==> flow/design.v <==
module my_multiplier #(
   parameter W = 7,
   parameter G = 4
) (
   input ck,
   input i_rst,
   input [W-1:0] op_a,
   input [W-1:0] op_b,
   input start,
   output [2*W+G-1:0] res
);
   wire [2*W-1:0] r = op_a * op_b;
   reg [2*W+G-1:0] run_sum;
   assign res = run_sum;
   always @(posedge ck or posedge i_rst) begin
      if (i_rst) begin
         run_sum <= 0;
      end else begin
         run_sum <= start ? r : run_sum + r;
      end
   end
endmodule
* Tool chain data of my_multiplier
What the tools print for my_multiplier, step after step.
Line numbers count from 1 in the design file above.
Library cell names are shortened.
Not given: n/a
- Top module :: my_multiplier
- Clock port :: ck
- Standard-cell library :: sky130hd
- Timing corner :: tt_025C_1v80

* After elaboration
Source: Yosys, flattened and elaborated, memories not mapped. Widths are those after wreduce; folded enables and synchronous resets count as part of the registers. Registers that Yosys merges into a memory's read port (data or address) are not register bits. Print and check cells do not count. Equal cells are merged and count once.
- Multiply operators :: 1
- Add/sub/neg operators :: 1
- Mux-type cells :: 1
** Operators with widths (number)
- multiplier 7 x 7 -> 14 bit :: 1
- adder 18 x 14 -> 18 bit :: 1
- 2-to-1 mux 18 bit :: 1
- Input port bits :: 17
- Bits in registers :: 18
- Output and inout bits :: 18

* Depth
Longest topological path by Yosys (ltp), each cell counted once; first at word level (registers and memories cut), then after technology mapping (sequential cells cut; the memories' decode and read muxes count).
- Depth in word-level cells :: 3
- ABC_AREA :: 0
- Depth in mapped cells :: 23
- Depth with buffers taken out :: 22

* Synthesis result
Source: synth_stat.txt of the flow (Yosys; design flattened, memories mapped). It holds for the ABC_AREA given above (unset counts as 0); a run with the other value may have another netlist.
Totals and module areas in this step are rounded.
- Standard cells after synthesis :: 323
- Buffer cells :: 6
- Mapped flip-flops :: 18
- Mapped area :: 2900 um^2
** Cell types
- ha_1 :: number 46, total area 575.552 um^2
- fa_1 :: number 25, total area 500.48 um^2
- dfrtp_1 :: number 18, total area 450.432 um^2
- and2_1 :: number 39, total area 243.984 um^2
- a21oi_1 :: number 22, total area 110.106 um^2
- o21ai_0 :: number 22, total area 110.106 um^2
- nand2_1 :: number 28, total area 105.101 um^2
- mux2_2 :: number 9, total area 101.347 um^2
- xnor2_1 :: number 11, total area 96.342 um^2
- inv_1 :: number 25, total area 93.84 um^2
- xor2_1 :: number 8, total area 70.067 um^2
- a21o_1 :: number 6, total area 45.043 um^2
- nor2_1 :: number 11, total area 41.29 um^2
- a211oi_1 :: number 5, total area 37.536 um^2
- nand3_1 :: number 5, total area 25.024 um^2
- nand4_1 :: number 4, total area 25.024 um^2
- nor3_1 :: number 5, total area 25.024 um^2
- clkbuf_1 :: number 6, total area 22.522 um^2
Not listed: further types 19, cells in them 28.

* Path before layout
Source: OpenSTA report_checks on the synthesized netlist (no wires, ideal clock, input and output delay 20% of the period each), path of least setup slack; recovery checks are left aside. Register names are those of the netlist, which keeps one name where synthesis merged equal registers.
- Path type :: input -> register
- Start :: input op_a[3]
- End :: register run_sum[13]
- Period :: 7.8 ns
- External input delay :: 1.560 ns
- Path delay :: 4.995 ns
- Path slack :: 1.245 ns
- Driving pins on the path :: 23
- Arrival time :: 6.434 ns
- Required time :: 7.679 ns
- Synthesis period reached :: 6.555 ns
"path delay" = arrival - input delay + setup time.
"driving pins on the path" counts driving pins, that of a launching flip-flop among them; a cell with two outputs on the path counts twice.
"synthesis period reached" is the clock period less the worst setup slack; recovery checks do not enter. This is arithmetic on one report: input and output delays are still those of the set period (20% each).
Between the ends stands the longest chain of elaborated cells between them, by number of cells; it is not shown to be the way that was timed. Of several equally long chains one is given.
A line is the first line of the expression or statement that the cell stems from. Yosys adds cells for indexed reads and writes and turns some case tables into memories.
- Path through :: and2_1 > fa_1 > inv_1 > fa_1 > inv_1 > fa_1 > inv_1 > fa_1 > inv_1 > ha_1 > o21a_1 > o31a_1 > o21a_1 > nor2_1 > xnor2_1 > ha_1 > clkbuf_1 > nand3_1 > nor2_1 > a211oi_2 > and3b_1 > or3_1 > a22o_1
- Length of the longest elaborated chain :: 3
- Elaborated cells on any way between the ends :: 3
** Ends and longest elaborated chain, after synthesis
- start: declaration :: RTL line 7 : input [W-1:0] op_a,
- multiplier 7 x 7 -> 14 bit :: RTL line 12 : wire [2*W-1:0] r = op_a * op_b;
- adder 18 x 14 -> 18 bit :: RTL line 19 : run_sum <= start ? r : run_sum + r;
- 2-to-1 mux 18 bit :: RTL line 19
- end: assignment :: RTL line 17 : run_sum <= 0;
- end: assignment :: RTL line 19
- end: declaration :: RTL line 13 : reg [2*W+G-1:0] run_sum;

* Path in the finished layout
Path of least setup slack in the final report of flow run A (OpenROAD, finished layout, wires in). Where an end is a register, its clock arrival counts in the times.
- Path type :: input -> register
- Start :: input op_a[3]
- End :: register run_sum[15]
- External input delay :: 1.56 ns
- Arrival time :: 7.40 ns
- Driving pins on the path :: 23
- Required time :: 7.94 ns
- Period :: 7.8 ns
- Path slack :: 0.55 ns
Between the ends stands the longest chain of elaborated cells between them, by number of cells; it is not shown to be the way that was timed. Of several equally long chains one is given.
- Path through :: clkdlybuf4s50_1 > and2_1 > fa_1 > inv_1 > fa_1 > inv_1 > fa_1 > inv_1 > fa_1 > inv_1 > ha_1 > o21a_1 > o31a_1 > o21a_1 > nor2_1 > xnor2_1 > ha_1 > a21oi_1 > o21ai_0 > a211oi_2 > o21ai_0 > o21ai_0 > mux2_2
- Length of the longest elaborated chain :: 3
- Elaborated cells on any way between the ends :: 3
** Ends and longest elaborated chain, after layout
- start: declaration :: RTL line 7 : input [W-1:0] op_a,
- multiplier 7 x 7 -> 14 bit :: RTL line 12 : wire [2*W-1:0] r = op_a * op_b;
- adder 18 x 14 -> 18 bit :: RTL line 19 : run_sum <= start ? r : run_sum + r;
- 2-to-1 mux 18 bit :: RTL line 19
- end: assignment :: RTL line 17 : run_sum <= 0;
- end: assignment :: RTL line 19
- end: declaration :: RTL line 13 : reg [2*W+G-1:0] run_sum;

Settings and measured results of 3 stored flow runs for module my_multiplier (sky130hd), not sorted in any way. The constraints put input and output delay at 20% of the set period each and load the outputs with 0.01 pF.
"period reached" means the clock period less the worst setup slack. The figure is calculated, with input and output delays left at 20% of the set period.
"critical path time" means the part of the period allowed to the worst setup path (the constraints hold back 20% at inputs and 20% at outputs) less its slack; where the path has registers, the arrival times of their clocks count too.
By "total power after layout" is meant OpenSTA's value without simulated activity: inputs other than the clock are taken to toggle once in ten clock periods, and the tool carries that through the logic.
Measured values are rounded.

** Flow run A
- Settings :: period_ns=7.8; CAP_MARGIN=20; CORE_MARGIN=2; CORE_UTILIZATION=40; SLEW_MARGIN=20
- Die footprint :: 7900 um^2
- Smallest hold slack :: 0.56 ns
- Worst setup slack after layout :: 0.55 ns
- Period reached :: 7.252 ns
- Critical path time :: 5.69 ns
- Worst path kind :: input -> register
- Total negative slack on setup checks :: 0.000 ns
- Total power after layout :: 0.0012 W
- Synthesis area :: 2900 um^2
- Final design utilization :: 48 %
- Standard-cell area after routing :: 3400 um^2

** Flow run B
- Settings :: period_ns=3.92; CORE_UTILIZATION=38; PLACE_DENSITY=0.88; CELL_PAD_IN_SITES_DETAIL_PLACEMENT=0; CTS_CLUSTER_SIZE=83; CTS_CLUSTER_DIAMETER=34; SLEW_MARGIN=0; MIN_ROUTING_LAYER=met2; CAP_MARGIN=20; CORE_MARGIN=2
- Die footprint :: 8300 um^2
- Total negative slack on setup checks :: -20 ns
- Standard-cell area after routing :: 4500 um^2
- Critical path time :: 5.11 ns
- Worst path kind :: input -> register
- Final design utilization :: 61 %
- Synthesis area :: 2900 um^2
- Worst setup slack after layout :: -2.0 ns
- Total power after layout :: 0.0044 W
- Smallest hold slack :: 0.57 ns
- Period reached :: 5.894 ns

** Flow run C
- Settings :: period_ns=7.47; CORE_UTILIZATION=66; PLACE_DENSITY_LB_ADDON=0.03; CTS_CLUSTER_DIAMETER=282; CAP_MARGIN=20; CORE_MARGIN=2; SLEW_MARGIN=20
- Synthesis area :: 2900 um^2
- Smallest hold slack :: 0.58 ns
- Standard-cell area after routing :: 3400 um^2
- Total negative slack on setup checks :: 0.000 ns
- Die footprint :: 4900 um^2
- Worst setup slack after layout :: 0.41 ns
- Critical path time :: 5.56 ns
- Worst path kind :: input -> register
- Total power after layout :: 0.0013 W
- Period reached :: 7.055 ns
- Final design utilization :: 80 %
